==> flow/design.v <==
module u_shft_stage #(
    parameter integer DW = 16,
    parameter integer LG = $clog2(DW)
) (
    input wire clock,
    input wire [DW-1:0] d_i,
    input wire [LG-1:0] sa_i,
    output wire [DW-1:0] dout_o
);
    reg [DW-1:0] d_q;
    reg [LG-1:0] sa_q;
    always @(posedge clock) begin
        d_q <= d_i;
        sa_q <= sa_i;
    end
    wire [DW-1:0] n_ [0:LG];
    assign n_[0] = d_q;
    genvar k;
    generate
        for (k = 0; k < LG; k = k + 1) begin : gen
            assign n_[k+1] = sa_q[k] ? n_[k] << (1 << k) : n_[k];
        end
    endgenerate
    assign dout_o = n_[LG];
endmodule
# Reports on u_shft_stage
# Module u_shft_stage in several versions that differ in "DW"; each step lists the members.
# The RTL above is that of DW=16; lines are counted from 1 in the file of the member named.
# Operators carry their Yosys type and port widths (W data, S select, Z words).
# Cell names lack the library's common part.
# A cell with -- has no value.
# setup
design,u_shft_stage
clk_port,clock
cell_library,sky130hd
corner,tt_025C_1v80

# Members of the sweep
# New or changed lines of each further member against the RTL above, in its own file; lines it lacks are not shown.
# src_changes
DW,line_no,source
20,2,"parameter integer DW = 20,"
56,2,"parameter integer DW = 56,"
96,2,"parameter integer DW = 96,"

# Word-level counts
# Source: Yosys, flattened and elaborated. Widths are those after wreduce; folded enables and synchronous resets count as part of the registers. Registers that Yosys merges into a memory's read port (data or address) are not register bits. Print and check cells do not count. Equal cells are merged and count once.
# bits
DW,output_inout_bits,in_bits,reg_bits
16,16,21,20
20,20,26,25
56,56,63,62
96,96,104,103
# op_classes
DW,n_mux
16,4
20,5
56,6
96,7
# ops
DW,operators
16,$mux W16 (4)
20,$mux W20 (5)
56,$mux W56 (6)
96,$mux W96 (7)

# Depth
# Depth = most cells in a row (Yosys ltp): at word level without a register or memory, in the mapped netlist without a sequential cell, where the memories' decode and read muxes count.
# logic_depth
DW,depth_word,abc_area,depth_mapped,mapped_depth_nobuf
16,4,0,6,4
20,5,0,6,4
56,6,0,9,5
96,7,0,11,6

# Netlist
# The flow's flattened synthesis, as Yosys stat reports it; memories are mapped. The netlist is that of the ABC_AREA named above (0 if unset); the other value can give another one.
# Totals and module areas in this step are rounded.
# by_type
DW,cell_types
16,dfxtp_1 (20); mux2i_1 (15); mux4_2 (4); mux4_1 (2); a21oi_1 (7); nand2_1 (8); a211oi_2 (2); o21ai_0 (5); o22ai_1 (4); buf_6 (2); and2_1 (3); inv_1 (5); nand3b_1 (2); nor2_1 (4); o211ai_1 (2); o21ai_1 (3); clkbuf_1 (3); mux2_2 (1); [+12]
20,dfxtp_1 (25); mux4_2 (8); mux2i_1 (12); mux4_1 (3); nor2_1 (18); mux2_4 (4); mux2_2 (5); nand2_1 (15); a211oi_1 (4); a22oi_1 (4); a31oi_1 (4); clkbuf_1 (6); mux2_1 (2); nor2b_1 (3); o22ai_1 (3); a32oi_1 (2); o31a_1 (2); buf_8 (1); [+22]
56,mux4_2 (64); dfxtp_1 (62); mux2i_1 (60); nand2_1 (74); nor2_1 (55); mux2_2 (17); a21oi_1 (20); clkbuf_1 (25); o211ai_1 (12); o21ai_1 (17); a211oi_1 (10); o21ai_0 (15); o22ai_1 (12); buf_2 (14); a22oi_1 (7); mux2_1 (4); nand3_1 (9); nor2b_1 (7); [+72]
96,dfxtp_1 (103); mux4_2 (78); mux2i_1 (128); mux2_2 (75); nor2_1 (116); nand2_1 (115); o22ai_1 (62); o221ai_1 (25); a21oi_1 (37); o21ai_0 (36); buf_6 (15); clkbuf_1 (33); buf_2 (22); o211ai_1 (13); a211oi_1 (12); buf_4 (12); a2bb2oi_1 (10); nand3_1 (13); [+172]
# A list marked [+n] leaves out that many cells.
# synth_totals
DW,buf_cells,yosys_area_um2,flip_flops,cell_count
16,8,1000,20,104
20,11,1500,25,143
56,55,5300,62,556
96,92,9900,103,1077

# Worst setup path after synthesis
# Source: OpenSTA report_checks on the synthesized netlist (no wires, ideal clock, input and output delay 20% of the period each), path of least setup slack; recovery checks are left aside. Register names are those of the netlist, which keeps one name where synthesis merged equal registers.
# synth_path
DW,kind,from,to,delay_ns,period_ns,setup_slack_ns,path_stages,synth_period_reached_ns
16,reg2out,register sa_q[0],output dout_o[15],1.350,2.11,0.338,5,1.772
20,reg2out,register sa_q[0],output dout_o[18],1.530,2.39,0.382,7,2.008
56,reg2out,register sa_q[0],output dout_o[48],2.039,3.19,0.513,9,2.677
96,reg2out,register sa_q[0],output dout_o[89],2.119,3.31,0.529,9,2.781
# "delay_ns" is the arrival time less input delay plus setup time.
# At an output port there is no setup time.
# "path_stages": output pins that drive a net of the path, with the launching flip-flop's if there is one; two outputs of one cell count as two.
# "synth_period_reached_ns" = period - worst setup slack (recovery checks aside). The figure is calculated, with input and output delays left at 20% of the set period.
# Between the ends stands the longest chain of elaborated cells between them, by number of cells; it is not shown to be the way that was timed. Of several equally long chains one is given.
# A line is the first line of the expression or statement that the cell stems from. Yosys adds cells for indexed reads and writes and turns some case tables into memories.
# synth_via_DW_16
elab_chain_len,4
# synth_rtl_DW_16
element,line_no,source
start: declaration,11,reg [LG-1:0] sa_q;
start: assignment,14,sa_q <= sa_i;
$mux W16 x4,21,assign n_[k+1] = sa_q[k] ? n_[k] << (1 << k) : n_[k];
end: declaration,8,output wire [DW-1:0] dout_o
# synth_via_DW_96
elab_chain_len,7
# synth_rtl_DW_96
element,line_no,source
start: declaration,11,reg [LG-1:0] sa_q;
start: assignment,14,sa_q <= sa_i;
$mux W96 x7,21,assign n_[k+1] = sa_q[k] ? n_[k] << (1 << k) : n_[k];
end: declaration,8,output wire [DW-1:0] dout_o

# Path in the finished layout
# Path of least setup slack in the final report of the run of each member (OpenROAD, finished layout, wires in). Where an end is a register, its clock arrival counts in the times.
# layout_path
DW,kind,from,to,path_stages,setup_slack_ns,arrival_ns,period_ns
16,reg2out,register sa_q[1],output dout_o[11],7,-0.19,1.87,2.11
20,reg2out,register sa_q[0],output dout_o[18],8,-0.04,1.95,2.39
56,reg2out,register sa_q[0],output dout_o[37],10,-0.03,2.58,3.19
96,reg2out,register sa_q[3],output dout_o[89],11,-0.31,2.96,3.31

# Layout results
# Settings and results of one run of the flow (Yosys, OpenROAD) for each member follow. The constraints put input and output delay at 20% of the set period each and load the outputs with 0.01 pF.
# settings
CAP_MARGIN,20
CORE_MARGIN,2
CORE_UTILIZATION,40
SLEW_MARGIN,20
# settings_by_member
DW,period_ns
16,2.11
20,2.39
56,3.19
96,3.31
# measured
DW,timing.setup.ws_ns,die_area_um2,final_cell_area_um2,achieved_clock_period_ns,power.total_uw,post_route_util_pct,final_setup_tns_ns,synthArea_um2,fin_hold_ws_ns
16,-0.19,3000,1800,2.297,910,74,-1.0,1000,0.56
20,-0.041,4200,2300,2.431,1000,62,-0.13,1500,0.64
56,-0.033,14000,8200,3.223,3200,63,-0.060,5300,0.73
96,-0.31,26000,18000,3.618,5900,74,-9.9,9900,0.72
# "achieved_clock_period_ns" is the run's clock period less its worst setup slack. It is reckoned from that one timing run; input and output delays stay at 20% of the period that was set.
# "power.total_uw": no workload was simulated; the value follows from the tool's default switching activity.
# The results are shown rounded.
